==> flow/design.v <==
module alu_diff_unit #(
   parameter DWIDTH = 48
) (
   input logic clk,
   input logic i_rst_n,
   input logic [DWIDTH-1:0] op_a,
   input logic [DWIDTH-1:0] op_b,
   output logic [DWIDTH-1:0] q,
   output logic bo
);
   logic [DWIDTH-1:0] op_a_ff;
   logic [DWIDTH-1:0] op_b_ff;
   logic [DWIDTH:0] t;
   assign t = {1'b0, op_a_ff} - {1'b0, op_b_ff};
   assign q = t[DWIDTH-1:0];
   assign bo = t[DWIDTH];
   always_ff @(posedge clk or negedge i_rst_n) begin
      if (!i_rst_n) begin
         op_a_ff <= 0;
         op_b_ff <= 0;
      end else begin
         op_a_ff <= op_a;
         op_b_ff <= op_b;
      end
   end
endmodule
### Tool chain data of alu_diff_unit

Tool output for the design above, in the order of the flow.
Lines are those of the file above, counted from 1.
Operators carry their Yosys type and port widths (W data, S select, Z words).
Cell names lack the library's common part.
Not given: --

| set-up | value |
|---|---|
| top | alu_diff_unit |
| clock port | clk |
| library | sky130hd |
| corner | tt_025C_1v80 |

### After elaboration

Source: Yosys, flattened and elaborated, memories not mapped. Widths are those after wreduce; folded enables and synchronous resets count as part of the registers. Registers that Yosys merges into a memory's read port (data or address) are not register bits. Print and check cells do not count. Equal cells are merged and count once.

| operators by class | value |
|---|---|
| reduce/logical cells | 0 |
| equal/unequal tests | 0 |
| shifts and indexed selects | 0 |
| bitwise logic cells | 0 |
| multiplexer cells | 0 |
| multiply operators | 0 |
| order comparisons | 0 |
| divide/modulo/power cells | 0 |
| $add $sub $neg | 1 |

Operators with widths:

| cell | count |
|---|---|
| $sub A48 B48 Y49 | 1 |

| storage and ports | value |
|---|---|
| clocked read ports x word width | 0 |
| ROM bits | 0 |
| elaborated cells | 3 |
| output and inout port bits | 49 |
| bits of input ports | 98 |
| memory cells | 0 |
| bits in latches | 0 |
| RAM bits | 0 |
| bits in registers | 96 |

### Depth

Depth = most cells in a row (Yosys ltp): at word level without a register or memory, in the mapped netlist without a sequential cell, where the memories' decode and read muxes count.

| depth | value |
|---|---|
| depth in word-level cells | 1 |
| ABC_AREA | 0 |
| depth in mapped cells | 12 |
| mapped depth without buffers | 12 |

### Mapped cells and area

The flow's flattened synthesis, as Yosys stat reports it; memories are mapped. The netlist is that of the ABC_AREA named above (0 if unset); the other value can give another one.

| synthesis totals | value |
|---|---|
| cells in the netlist | 548 |
| flip-flop cells | 96 |
| chip area (Yosys) | 5,495.3 um^2 |
| area of sequential cells | 2,402.3 um^2 |

Cells by type:

| cell type | count | total area (um^2) |
|---|---|---|
| dfrtp_1 | 96 | 2.4E+03 |
| ha_1 | 48 | 600.576 |
| a21oi_1 | 56 | 280.269 |
| xnor2_1 | 27 | 236.477 |
| inv_1 | 62 | 232.723 |
| xor2_1 | 17 | 148.893 |
| nand2_1 | 39 | 146.39 |
| o21ai_0 | 27 | 135.13 |
| a21o_1 | 17 | 127.622 |
| nor2_1 | 18 | 67.565 |
| a31oi_1 | 8 | 50.048 |
| nand2b_1 | 8 | 50.048 |
| nand3_1 | 9 | 45.043 |
| o21a_1 | 6 | 45.043 |
| o21bai_1 | 6 | 45.043 |
| nand4_1 | 7 | 43.792 |
| nor2b_1 | 7 | 43.792 |
| a31oi_4 | 2 | 42.541 |

Not listed: further types 49, cells in them 88.

### Worst setup path after synthesis

OpenSTA on the mapped netlist: ideal clock, no wires. The path of least setup slack (recovery checks aside). Input and output delay are each 20% of the period. Register names are those of the netlist, which keeps one name where synthesis merged equal registers.

| timing post-synthesis | value |
|---|---|
| path kind | reg2out |
| start | register op_a_ff[0] |
| end | output port q[44] |
| time at the first pin | 0 ps |
| data required time | 3,184 ps |
| arrival | 2,546 ps |
| delay of the path | 2,546 ps |
| stages on the path | 13 |
| setup slack | 638 ps |
| clock period | 3,980 ps |
| synthesis period reached | 3,342 ps |

"delay of the path" is the arrival time less input delay plus setup time.
At an output port there is no setup time.
"stages on the path": output pins that drive a net of the path, with the launching flip-flop's if there is one; two outputs of one cell count as two.
"synthesis period reached" is the clock period less the worst setup slack; recovery checks do not enter. This is arithmetic on one report: input and output delays are still those of the set period (20% each).
Between the ends stands the longest chain of elaborated cells between them, by number of cells; it is not shown to be the way that was timed. Of several equally long chains one is given.
Each line given opens the expression or statement behind the cell; cells for indexed reads and writes are added by Yosys, which also makes memories of some case tables.

| on the way, post-synthesis | value |
|---|---|
| cell sequence | dfrtp_1 -> inv_1 -> ha_1 -> fa_1 -> nor2b_1 -> o21ai_1 -> nand2b_2 -> a31oi_1 -> o311a_1 -> o211a_4 -> o211ai_4 -> a21boi_2 -> xnor2_1 |
| cells in the longest elaborated chain | 1 |
| elaborated cells on any way between the ends | 1 |
| RTL lines with such cells | 1 |

Ends and longest elaborated chain, post-synthesis:

| item | RTL line | RTL |
|---|---|---|
| start: declaration | 11 | `logic [DWIDTH-1:0] op_a_ff;` |
| start: assignment | 19 | `op_a_ff <= 0;` |
| start: assignment | 22 | `op_a_ff <= op_a;` |
| $sub A48 B48 Y49 | 14 | `assign t = {1'b0, op_a_ff} - {1'b0, op_b_ff};` |
| end: declaration | 8 | `output logic [DWIDTH-1:0] q,` |

### Timing after layout

Path of least setup slack in the final report of run 1 (OpenROAD, finished layout, wires in). Where an end is a register, its clock arrival counts in the times.
The report prints the path's times to 10 ps; the period is as set.

| timing post-layout | value |
|---|---|
| path kind | reg2out |
| start | register op_a_ff[0] |
| end | output port q[32] |
| clock period | 5,740 ps |
| stages on the path | 15 |
| arrival | 3,790 ps |
| data required time | 4,590 ps |
| time at the first pin | 350 ps |
| setup slack | 800 ps |

Between the ends stands the longest chain of elaborated cells between them, by number of cells; it is not shown to be the way that was timed. Of several equally long chains one is given.

| on the way, post-layout | value |
|---|---|
| cell sequence | dfrtp_1 -> inv_1 -> ha_1 -> fa_1 -> nor2b_1 -> o21ai_1 -> nand2b_2 -> a41oi_2 -> a31oi_1 -> buf_4 -> a21boi_2 -> o31ai_2 -> a21oi_1 -> xnor2_1 -> clkdlybuf4s50_1 |
| cells in the longest elaborated chain | 1 |
| elaborated cells on any way between the ends | 1 |
| RTL lines with such cells | 1 |

Ends and longest elaborated chain, post-layout:

| item | RTL line | RTL |
|---|---|---|
| start: declaration | 11 | `logic [DWIDTH-1:0] op_a_ff;` |
| start: assignment | 19 | `op_a_ff <= 0;` |
| start: assignment | 22 | `op_a_ff <= op_a;` |
| $sub A48 B48 Y49 | 14 | `assign t = {1'b0, op_a_ff} - {1'b0, op_b_ff};` |
| end: declaration | 8 | `output logic [DWIDTH-1:0] q,` |

# Flow runs of alu_diff_unit

Design alu_diff_unit on sky130hd. What follows are 3 stored runs of the flow, each under its own settings; their order means nothing. The constraints put input and output delay at 20% of the set period each and load the outputs with 0.01 pF.
"clock period achieved": clock period set for the run, less the worst setup slack. It is reckoned from that one timing run; input and output delays stay at 20% of the period that was set.
"critical setup path time" = time allowed to the worst setup path (clock period - input delay - output delay, where it has them) - its slack; a late launch clock adds to it, a late capture clock takes from it.
"power" is the tool's figure for a default switching activity; nothing was simulated.
"critical setup path time" is given in steps of 10 ps.
Among the settings, -- means not set for that run.

| setting or result | run 1 | run 2 | run 3 |
|---|---|---|---|
| period_ns | 5.74 | 3.98 | 2.85 |
| CORE_UTILIZATION | 19 | 40 | 27 |
| SETUP_SLACK_MARGIN | -0.54 | -- | 0.77 |
| PLACE_DENSITY_LB_ADDON | 0.03 | -- | 0.08 |
| HOLD_SLACK_MARGIN | 0.06 | -- | -- |
| CORE_ASPECT_RATIO | 0.69 | -- | -- |
| CELL_PAD_IN_SITES_DETAIL_PLACEMENT | 0 | -- | -- |
| TNS_END_PERCENT | 85 | -- | -- |
| GPL_TIMING_DRIVEN | 1 | -- | 1 |
| CTS_CLUSTER_DIAMETER | 303 | -- | -- |
| SLEW_MARGIN | 0 | 20 | 35 |
| MIN_ROUTING_LAYER | met1 | -- | -- |
| CAP_MARGIN | 20 | 20 | 20 |
| CORE_MARGIN | 2 | 2 | 3 |
| ABC_AREA | -- | -- | 1 |
| GPL_ROUTABILITY_DRIVEN | -- | -- | 1 |
| standard-cell area after layout (um^2) | 7,692.4 | 7,742.4 | 12,223.0 |
| power (mW) | 2.097 | 2.890 | 5.061 |
| critical setup path time (ps) | 3,790 | 3,120 | 2,240 |
| class of the worst setup path | reg2out | reg2out | reg2out |
| die outline area (um^2) | 30,321.9 | 14,691.9 | 28,424.3 |
| clock period achieved (ps) | 4,936 | 3,917 | 2,814 |
| worst setup slack after layout (ps) | 804 | 63 | 36 |
| total negative slack on setup checks (ps) | 0 | 0 | 0 |
| chip area after synthesis (Yosys) (um^2) | 5,495.3 | 5,495.3 | 7,138.1 |
| post-route utilization (%) | 27.2 | 58.0 | 47.8 |
